==> flow/design.v <==
module gen_sub_unit_mod #(
    parameter int DATA_WIDTH = 128
) (
    input  logic CLK,
    input  logic [DATA_WIDTH-1:0] i_x,
    input  logic [DATA_WIDTH-1:0] i_y,
    output logic [DATA_WIDTH-1:0] o_diff
);
    logic [DATA_WIDTH-1:0] x_d1;
    logic [DATA_WIDTH-1:0] y_d1;
    logic [DATA_WIDTH:0] t_d1;
    always_ff @(posedge CLK) begin
        x_d1 <= i_x;
        y_d1 <= i_y;
        t_d1 <= x_d1 - y_d1;
        o_diff <= t_d1[DATA_WIDTH] ? {DATA_WIDTH{1'b0}} : t_d1[DATA_WIDTH-1:0];
    end
endmodule
# --- Reports on gen_sub_unit_mod ---
# What the tools print for gen_sub_unit_mod, step after step.
# Line numbers count from 1 in the design file above.
# Operators: Yosys type, input widths -> output width; for muxes data width and select width s.
setup:
  top: "gen_sub_unit_mod"
  clk_port: "CLK"
  cell_library: "sky130hd"
  lib_corner: "tt_025C_1v80"

# --- Word level ---
# Yosys after proc, flatten, opt, wreduce and memory -nomap, before mapping. Enables and synchronous resets that opt folds into registers are not counted as muxes. Memory bits, and registers merged into a memory's read port (data or address), are not among the register bits. Print and check cells are not counted. Equal cells are merged and count once.
op_classes:
  add_sub_neg: 1
ops:
  columns: ["cell", "n"]
  rows:
  - ["$sub 128x128->129", 1]
bits:
  output_inout_bits: 128
  input_bits: 257
  reg_bits: 513

# --- Longest topological paths ---
# Depth = most cells in a row (Yosys ltp): at word level without a register or memory, in the mapped netlist without a sequential cell, where the memories' decode and read muxes count.
logic_depth:
  ltp_word: 1
  ABC_AREA: 0
  mapped_depth: 13
  depth_no_buf: 13

# --- Mapped cells and area ---
# Source: synth_stat.txt of the flow (Yosys; design flattened, memories mapped). It holds for the ABC_AREA given above (unset counts as 0); a run with the other value may have another netlist.
synth_totals:
  n_buf: 82
  mapped_cells: 2142
  flip_flops: 513
  mapped_area_um2: 20349.5
  sequential_area_um2: 10269.8
types:
  columns: ["type", "n", "area_total_um2"]
  rows:
  - ["sky130_fd_sc_hd__dfxtp_1", 513, 1.03E+04]
  - ["sky130_fd_sc_hd__ha_1", 128, 1.6E+03]
  - ["sky130_fd_sc_hd__a21oi_1", 200, 1000.96]
  - ["sky130_fd_sc_hd__nor2b_1", 139, 869.584]
  - ["sky130_fd_sc_hd__inv_1", 173, 649.373]
  - ["sky130_fd_sc_hd__xnor2_1", 72, 630.605]
  - ["sky130_fd_sc_hd__o21ai_0", 103, 515.494]
  - ["sky130_fd_sc_hd__a21o_1", 67, 502.982]
  - ["sky130_fd_sc_hd__nand2_1", 130, 487.968]
  - ["sky130_fd_sc_hd__nand4_1", 73, 456.688]
  - ["sky130_fd_sc_hd__nor2_1", 119, 446.678]
  - ["sky130_fd_sc_hd__xor2_1", 46, 402.886]
  - ["sky130_fd_sc_hd__o21bai_1", 39, 292.781]
  - ["sky130_fd_sc_hd__clkbuf_1", 65, 243.984]
  - ["sky130_fd_sc_hd__nor3_1", 32, 160.154]
  - ["sky130_fd_sc_hd__nand3_1", 27, 135.13]
  - ["sky130_fd_sc_hd__o21a_1", 16, 120.115]
  - ["sky130_fd_sc_hd__o31ai_1", 14, 105.101]
# Not listed: further types 54, cells in them 186.

# --- Path before layout ---
# Source: OpenSTA report_checks on the synthesized netlist (no wires, ideal clock, input and output delay 20% of the period each), path of least setup slack; recovery checks are left aside. Register names are those of the netlist, which keeps one name where synthesis merged equal registers.
synth_path:
  path_type: "register to register"
  start: "register x_d1[0]"
  end: "register t_d1[128]"
  tclk_ns: 3.75
  path_delay_ns: 2.998
  required_ns: 3.633
  path_slack_ns: 0.752
  n_path_buf: 0
  arrival_ns: 2.881
  stages: 14
  synth_period_reached_ns: 2.998
# "path_delay_ns" = arrival - input delay + setup time.
# "stages" counts driving pins, that of a launching flip-flop among them; a cell with two outputs on the path counts twice.
# "synth_period_reached_ns" is the clock period less the worst setup slack; recovery checks do not enter. This is arithmetic on one report: input and output delays are still those of the set period (20% each).
# The rows between start and end are the longest chain of elaborated cells between them; the timing report does not say that the signal goes this way. Where chains are equally long, one stands for them.
# Each line given opens the expression or statement behind the cell; cells for indexed reads and writes are added by Yosys, which also makes memories of some case tables.
synth_between:
  path_cell_list: "sky130_fd_sc_hd__dfxtp_1 > sky130_fd_sc_hd__inv_1 > sky130_fd_sc_hd__ha_1 > sky130_fd_sc_hd__fa_1 > sky130_fd_sc_hd__nand2b_1 > sky130_fd_sc_hd__a211oi_1 > sky130_fd_sc_hd__o21a_1 > sky130_fd_sc_hd__o2111a_1 > sky130_fd_sc_hd__o31ai_2 > sky130_fd_sc_hd__a211oi_2 > sky130_fd_sc_hd__nor4_4 > sky130_fd_sc_hd__o41ai_4 > sky130_fd_sc_hd__a21oi_1 > sky130_fd_sc_hd__o2bb2ai_1"
  elab_chain_len: 1
  cells_between: 1
  cone_classes: "1 x add/sub"
synth_lines:
  columns: ["item", "line_no", "rtl"]
  rows:
  - ["start, declared", 9, "logic [DATA_WIDTH-1:0] x_d1;"]
  - ["start, assigned", 13, "x_d1 <= i_x;"]
  - ["$sub 128x128->129", 15, "t_d1 <= x_d1 - y_d1;"]
  - ["end, assigned", 15, null]
  - ["end, declared", 11, "logic [DATA_WIDTH:0] t_d1;"]

# --- Worst path after layout ---
# From the final timing report of run A: the path of least setup slack in the routed layout; clock arrival at registers is part of the times.
layout_path:
  path_type: "register to register"
  start: "register x_d1[0]"
  end: "register t_d1[114]"
  stages: 14
  required_ns: 6.23
  n_path_buf: 0
  path_slack_ns: 1.36
  tclk_ns: 5.72
  arrival_ns: 4.86
# The rows between start and end are the longest chain of elaborated cells between them; the timing report does not say that the signal goes this way. Where chains are equally long, one stands for them.
layout_between:
  path_cell_list: "sky130_fd_sc_hd__dfxtp_1 > sky130_fd_sc_hd__inv_1 > sky130_fd_sc_hd__ha_1 > sky130_fd_sc_hd__fa_1 > sky130_fd_sc_hd__nand2b_1 > sky130_fd_sc_hd__a2111oi_0 > sky130_fd_sc_hd__or2_1 > sky130_fd_sc_hd__o211ai_1 > sky130_fd_sc_hd__a211oi_2 > sky130_fd_sc_hd__o21bai_1 > sky130_fd_sc_hd__a211oi_2 > sky130_fd_sc_hd__o21ai_0 > sky130_fd_sc_hd__nand3_1 > sky130_fd_sc_hd__nor3b_1"
  elab_chain_len: 1
  cells_between: 1
  cone_classes: "1 x add/sub"
layout_lines:
  columns: ["item", "line_no", "rtl"]
  rows:
  - ["start, declared", 9, "logic [DATA_WIDTH-1:0] x_d1;"]
  - ["start, assigned", 13, "x_d1 <= i_x;"]
  - ["$sub 128x128->129", 15, "t_d1 <= x_d1 - y_d1;"]
  - ["end, assigned", 15, null]
  - ["end, declared", 11, "logic [DATA_WIDTH:0] t_d1;"]

# 3 stored runs of gen_sub_unit_mod in the flow (synthesis by Yosys, layout by OpenROAD, sky130hd cells), in arbitrary order. Constraints: input delay and output delay 20% of the set period each, output load 0.01 pF.
# "clock_period_reached_ns" is the run's clock period less its worst setup slack. It is reckoned from that one timing run; input and output delays stay at 20% of the period that was set.
# "worst_path_allowed_less_slack_ns" means the part of the period allowed to the worst setup path (the constraints hold back 20% at inputs and 20% at outputs) less its slack; where the path has registers, the arrival times of their clocks count too.
# "power.total_mw" rests on the timing tool's default activity at the inputs, not on a simulated workload.
runs:
  - name: "run A"
    settings:
      period_ns: 5.72
      CORE_UTILIZATION: 33
      SETUP_SLACK_MARGIN: 0.04
      PLACE_DENSITY_LB_ADDON: 0.12
      CORE_ASPECT_RATIO: 1.83
      CORE_MARGIN: 10
      CELL_PAD_IN_SITES_DETAIL_PLACEMENT: 2
      CTS_CLUSTER_SIZE: 90
      SLEW_MARGIN: 40
      MIN_ROUTING_LAYER: "met1"
      MAX_ROUTING_LAYER: "met5"
      CAP_MARGIN: 20
    results:
      worst_hold_slack_ns: 0.436
      die_footprint_um2: 72453.9
      power.total_mw: 9.768
      synth_chip_area_um2: 20349.5
      final_stdcell_area_um2: 26746.9
      setup_worst_slack_ns: 1.362
      worst_path_allowed_less_slack_ns: 4.36
      critical_path_kind: "register to register"
      clock_period_reached_ns: 4.358
  - name: "run B"
    settings:
      period_ns: 4.28
      CORE_UTILIZATION: 58
      SETUP_SLACK_MARGIN: 0.75
      PLACE_DENSITY: 0.67
      CORE_ASPECT_RATIO: 1.69
      TNS_END_PERCENT: 45
      GPL_TIMING_DRIVEN: 1
      CTS_CLUSTER_DIAMETER: 223
      CAP_MARGIN: 20
      CORE_MARGIN: 2
      SLEW_MARGIN: 20
    results:
      worst_hold_slack_ns: 0.424
      die_footprint_um2: 36651.8
      power.total_mw: 12.416
      synth_chip_area_um2: 20349.5
      final_stdcell_area_um2: 26197.6
      setup_worst_slack_ns: 0.772
      worst_path_allowed_less_slack_ns: 3.51
      critical_path_kind: "register to register"
      clock_period_reached_ns: 3.508
  - name: "run C"
    settings:
      period_ns: 3.75
      CAP_MARGIN: 20
      CORE_MARGIN: 2
      CORE_UTILIZATION: 40
      SLEW_MARGIN: 20
    results:
      worst_hold_slack_ns: 0.431
      die_footprint_um2: 52693.2
      power.total_mw: 14.538
      synth_chip_area_um2: 20349.5
      final_stdcell_area_um2: 26789.4
      setup_worst_slack_ns: 0.155
      worst_path_allowed_less_slack_ns: 3.60
      critical_path_kind: "register to register"
      clock_period_reached_ns: 3.595
